==> flow/design.v <==
module sync_mag_cmp_n #(
    parameter DATA_WIDTH = 96
) (
    input  sys_clk,
    input  [DATA_WIDTH-1:0] A,
    input  [DATA_WIDTH-1:0] B,
    output gt,
    output eq
);
    reg [DATA_WIDTH-1:0] A_reg;
    always @(posedge sys_clk)
        A_reg <= A;
    reg [DATA_WIDTH-1:0] B_reg;
    always @(posedge sys_clk)
        B_reg <= B;
    localparam GROUPS = DATA_WIDTH / 4;
    wire [GROUPS:0] g;
    wire [GROUPS:0] e;
    assign g[0] = 1'b0;
    assign e[0] = 1'b1;
    genvar i;
    generate
        for (i = 0; i < GROUPS; i = i + 1) begin : row
            sync_mag_cmp_n_nib_cmp i_sub (.a(A_reg[4*i +: 4]), .b(B_reg[4*i +: 4]), .gi(g[i]), .ei(e[i]), .go(g[i+1]), .eo(e[i+1]));
        end
    endgenerate
    assign gt = g[GROUPS];
    assign eq = e[GROUPS];
endmodule
module sync_mag_cmp_n_nib_cmp (
    input wire [3:0] a,
    input wire [3:0] b,
    input wire gi,
    input wire ei,
    output wire go,
    output wire eo
);
    assign go = (a > b) | ((a == b) & gi);
    assign eo = (a == b) & ei;
endmodule
Tool chain data of sync_mag_cmp_n --
Tool output for the design above, in the order of the flow. Line numbers count from 1 in the design file above. Operators: Yosys type, input widths -> output width; for muxes data width and select width s. Library cell names are shortened. The mark -- stands for no value.
Design: top module sync_mag_cmp_n, clock sys_clk, standard-cell library sky130hd, library corner tt_025C_1v80

Elaborated design --
Counts by Yosys on the flattened word-level netlist (proc, flatten, opt, wreduce; memories kept). Register bits leave out memories and registers merged into their read ports (data or address); mux counts leave out enables and synchronous resets folded into registers. Print and check cells are left out. Cells with the same type and inputs are merged into one.
Operators by class: $lt $le $gt $ge 24, equal/unequal tests 24, bitwise gates (word level) 69
Operators with widths (number):
- $gt 4x4->1 | 24
- $eq 4x4->1 | 24
- $and 1x1->1 | 46
- $or 1x1->1 | 23
Word-level totals: bits in registers 192, input port bits 193, elaborated cells 119

Depth --
Depth = most cells in a row (Yosys ltp): at word level without a register or memory, in the mapped netlist without a sequential cell, where the memories' decode and read muxes count.
Logic depth: depth after elaboration 47, ABC_AREA 0, mapped depth 9, gate-level depth less buffers 9

Mapped cells and area --
Source: synth_stat.txt of the flow (Yosys; design flattened, memories mapped). It holds for the ABC_AREA given above (unset counts as 0); a run with the other value may have another netlist. The area totals of this step are shown rounded.
Cell types (number):
- dfxtp_1 | 192
- ha_1 | 96
- inv_1 | 105
- nand4_1 | 19
- a21oi_1 | 22
- a21o_1 | 10
- nor2b_1 | 12
- nand2b_1 | 10
- nand3_1 | 12
- o21a_1 | 8
- o21ai_0 | 12
- and3_1 | 7
- o211ai_1 | 5
- a221oi_1 | 4
- and4_1 | 3
- nor4_1 | 4
- a211oi_1 | 3
- nand2_1 | 6
Not listed: further types 17, cells in them 27.
Mapped netlist: cell count 557, mapped area 6500 um^2, sequential area 3800 um^2, flip-flops 192, buffers 0
By module: a second synthesis without flattening, with its own total; a netlist apart from the flattened one above.
Unflattened totals: cell total of the unflattened synthesis 578, area total of the unflattened synthesis 6400 um^2
Rows give one instance, submodules left out.
By module:
- sync_mag_cmp_n | instances 1, cells 194, area 3900 um^2, sequential area 3800 um^2
- sync_mag_cmp_n_nib_cmp | instances 24, cells 16, area 110 um^2, sequential area 0.0 um^2

Timing after synthesis --
Source: OpenSTA report_checks on the synthesized netlist (no wires, ideal clock, input and output delay 20% of the period each), path of least setup slack; recovery checks are left aside. Register names are those of the netlist, which keeps one name where synthesis merged equal registers.
Path after synthesis: kind register -> output, start reg B_reg[51], end out gt, period 2950 ps, external output delay 590 ps, time at the first pin 0 ps, arrival 1889 ps, required time 2360 ps, slack 471 ps, path delay 1889 ps, stages on the path 10, buffers on the path 0, synthesis period reached 2479 ps
"path delay" = arrival - input delay + setup time. A path that ends at an output port has no setup time. "stages on the path": output pins that drive a net of the path, with the launching flip-flop's if there is one; two outputs of one cell count as two. "synthesis period reached" is the clock period less the worst setup slack; recovery checks do not enter. This is arithmetic on one report: input and output delays are still those of the set period (20% each). Between the ends stands the longest chain of elaborated cells between them, by number of cells; it is not shown to be the way that was timed. Of several equally long chains one is given. A line is the first line of the expression or statement that the cell stems from. Yosys adds cells for indexed reads and writes and turns some case tables into memories.
On the way, after synthesis: cells stage by stage dfxtp_1 inv_1 ha_1 and3_1 a221oi_2 a21oi_1 a211o_1 a221o_1 o2111ai_1 nand2_1, cells in the longest elaborated chain 25
Ends and longest elaborated chain, after synthesis:
- from (decl) | RTL line 13 | reg [DATA_WIDTH-1:0] B_reg;
- from (assign) | RTL line 15 | B_reg <= B;
- $eq 4x4->1 | RTL line 38 | assign go = (a > b) | ((a == b) & gi);
- $and 1x1->1 | RTL line 38
- $or 1x1->1 | RTL line 38
- $and 1x1->1 | RTL line 38
- $or 1x1->1 | RTL line 38
- $and 1x1->1 | RTL line 38
- $or 1x1->1 | RTL line 38
- (+11 left out)
- $or 1x1->1 | RTL line 38
- $and 1x1->1 | RTL line 38
- $or 1x1->1 | RTL line 38
- $and 1x1->1 | RTL line 38
- $or 1x1->1 | RTL line 38
- $and 1x1->1 | RTL line 38
- $or 1x1->1 | RTL line 38
- to (decl) | RTL line 7 | output gt,

Worst path after layout --
Path of least setup slack in the final report of run 3 (OpenROAD, finished layout, wires in). Where an end is a register, its clock arrival counts in the times. The report prints the path's times to 10 ps; the period is as set.
Path post-layout: kind register -> output, start reg B_reg[41], end out gt, period 2950 ps, external output delay 590 ps, time at the first pin 420 ps, arrival 2580 ps, required time 2360 ps, slack -220 ps, stages on the path 11, buffers on the path 1
Between the ends stands the longest chain of elaborated cells between them, by number of cells; it is not shown to be the way that was timed. Of several equally long chains one is given.
On the way, post-layout: cells stage by stage dfxtp_1 inv_1 ha_1 nor2b_1 o31ai_2 a311oi_4 nor2b_1 a221o_1 o2111ai_2 nand2_1 buf_6, cells in the longest elaborated chain 29
Ends and longest elaborated chain, post-layout:
- from (decl) | RTL line 13 | reg [DATA_WIDTH-1:0] B_reg;
- from (assign) | RTL line 15 | B_reg <= B;
- $eq 4x4->1 | RTL line 38 | assign go = (a > b) | ((a == b) & gi);
- $and 1x1->1 | RTL line 38
- $or 1x1->1 | RTL line 38
- $and 1x1->1 | RTL line 38
- $or 1x1->1 | RTL line 38
- $and 1x1->1 | RTL line 38
- $or 1x1->1 | RTL line 38
- (+15 left out)
- $or 1x1->1 | RTL line 38
- $and 1x1->1 | RTL line 38
- $or 1x1->1 | RTL line 38
- $and 1x1->1 | RTL line 38
- $or 1x1->1 | RTL line 38
- $and 1x1->1 | RTL line 38
- $or 1x1->1 | RTL line 38
- to (decl) | RTL line 7 | output gt,

Wiki page: sync_mag_cmp_n / flow data

Record of 3 stored runs of the RTL-to-layout flow on sync_mag_cmp_n, platform sky130hd. The runs are unordered. Constraints: input delay and output delay 20% of the set period each, output load 0.01 pF.
By "reached clock period" is meant the clock period of the run minus its worst setup slack. This is arithmetic on one report: input and output delays are still those of the set period (20% each).
"critical path time" = time allowed to the worst setup path (clock period - input delay - output delay, where it has them) - its slack; a late launch clock adds to it, a late capture clock takes from it.
"power consumption" rests on the timing tool's default activity at the inputs, not on a simulated workload.
"critical path time" is given in steps of 10 ps.
Results are given in rounded form.

[run 1] flow files
==> flow/run.sh <==
#!/bin/bash
# the make line also repeats the synthesis and layout settings of config.mk as NAME=value (left out here)
make -C /OpenROAD-flow-scripts/flow DESIGN_CONFIG=/design/flow/config.mk WORK_HOME=/design/flow/orfs CLKGATE_MAP_FILE= finish
==> flow/config.mk <==
export PLATFORM = sky130hd
export DESIGN_NAME = sync_mag_cmp_n
export DESIGN_NICKNAME = sync_mag_cmp_n
export VERILOG_FILES = /design/flow/design.v
export SDC_FILE = /design/flow/constraint.sdc
export NUM_CORES = 4
export LEC_CHECK = 0
export ABC_AREA = 0
export CAP_MARGIN = 20
export CELL_PAD_IN_SITES_DETAIL_PLACEMENT = 0
export CORE_ASPECT_RATIO = 1.37
export CORE_MARGIN = 2
export CORE_UTILIZATION = 68
export CTS_CLUSTER_SIZE = 81
export GPL_TIMING_DRIVEN = 0
export PLACE_DENSITY_LB_ADDON = 0.01
export SETUP_SLACK_MARGIN = -0.25
export SLEW_MARGIN = 20
==> flow/constraint.sdc <==
create_clock -name core_clock -period 2.74 [get_ports {sys_clk}]
set_input_delay 0.5480 -clock core_clock [delete_from_list [all_inputs] [get_ports {sys_clk}]]
set_output_delay 0.5480 -clock core_clock [all_outputs]
set_load 0.01 [all_outputs]

[run 1] result: not finished: clock tree synthesis ended with error DPL-0038

[run 2] flow files
==> flow/run.sh <==
#!/bin/bash
# the make line also repeats the synthesis and layout settings of config.mk as NAME=value (left out here)
make -C /OpenROAD-flow-scripts/flow DESIGN_CONFIG=/design/flow/config.mk WORK_HOME=/design/flow/orfs CLKGATE_MAP_FILE= finish
==> flow/config.mk <==
export PLATFORM = sky130hd
export DESIGN_NAME = sync_mag_cmp_n
export DESIGN_NICKNAME = sync_mag_cmp_n
export VERILOG_FILES = /design/flow/design.v
export SDC_FILE = /design/flow/constraint.sdc
export NUM_CORES = 4
export LEC_CHECK = 0
export ABC_AREA = 1
export CAP_MARGIN = 30
export CELL_PAD_IN_SITES_GLOBAL_PLACEMENT = 3
export CORE_ASPECT_RATIO = 1.34
export CORE_MARGIN = 5
export CORE_UTILIZATION = 68
export CTS_CLUSTER_DIAMETER = 115
export CTS_CLUSTER_SIZE = 34
export GPL_ROUTABILITY_DRIVEN = 1
export GPL_TIMING_DRIVEN = 0
export PLACE_DENSITY_LB_ADDON = 0.11
export SETUP_SLACK_MARGIN = 0.25
export SLEW_MARGIN = 30
export TNS_END_PERCENT = 10
==> flow/constraint.sdc <==
create_clock -name core_clock -period 1.46 [get_ports {sys_clk}]
set_input_delay 0.2920 -clock core_clock [delete_from_list [all_inputs] [get_ports {sys_clk}]]
set_output_delay 0.2920 -clock core_clock [all_outputs]
set_load 0.01 [all_outputs]

[run 2] result: not finished: placement ended with error FLW-0024

[run 3] flow files
==> flow/run.sh <==
#!/bin/bash
# the make line also repeats the synthesis and layout settings of config.mk as NAME=value (left out here)
make -C /OpenROAD-flow-scripts/flow DESIGN_CONFIG=/design/flow/config.mk WORK_HOME=/design/flow/orfs CLKGATE_MAP_FILE= finish
==> flow/config.mk <==
export PLATFORM = sky130hd
export DESIGN_NAME = sync_mag_cmp_n
export DESIGN_NICKNAME = sync_mag_cmp_n
export VERILOG_FILES = /design/flow/design.v
export SDC_FILE = /design/flow/constraint.sdc
export NUM_CORES = 4
export LEC_CHECK = 0
export CAP_MARGIN = 20
export CORE_MARGIN = 2
export CORE_UTILIZATION = 40
export SLEW_MARGIN = 20
==> flow/constraint.sdc <==
create_clock -name core_clock -period 2.95 [get_ports {sys_clk}]
set_input_delay 0.5900 -clock core_clock [delete_from_list [all_inputs] [get_ports {sys_clk}]]
set_output_delay 0.5900 -clock core_clock [all_outputs]
set_load 0.01 [all_outputs]

[run 3] result: area of the synthesized netlist 6500 um^2; post-layout utilization 62%; die size 17000 um^2; power consumption 5.7 mW; standard-cell area after layout 9800 um^2; worst hold slack in the final report 600 ps; total negative slack on setup checks -270 ps; setup slack of the worst path -220 ps; critical path time 2580 ps; critical path kind register -> output; reached clock period 3172 ps
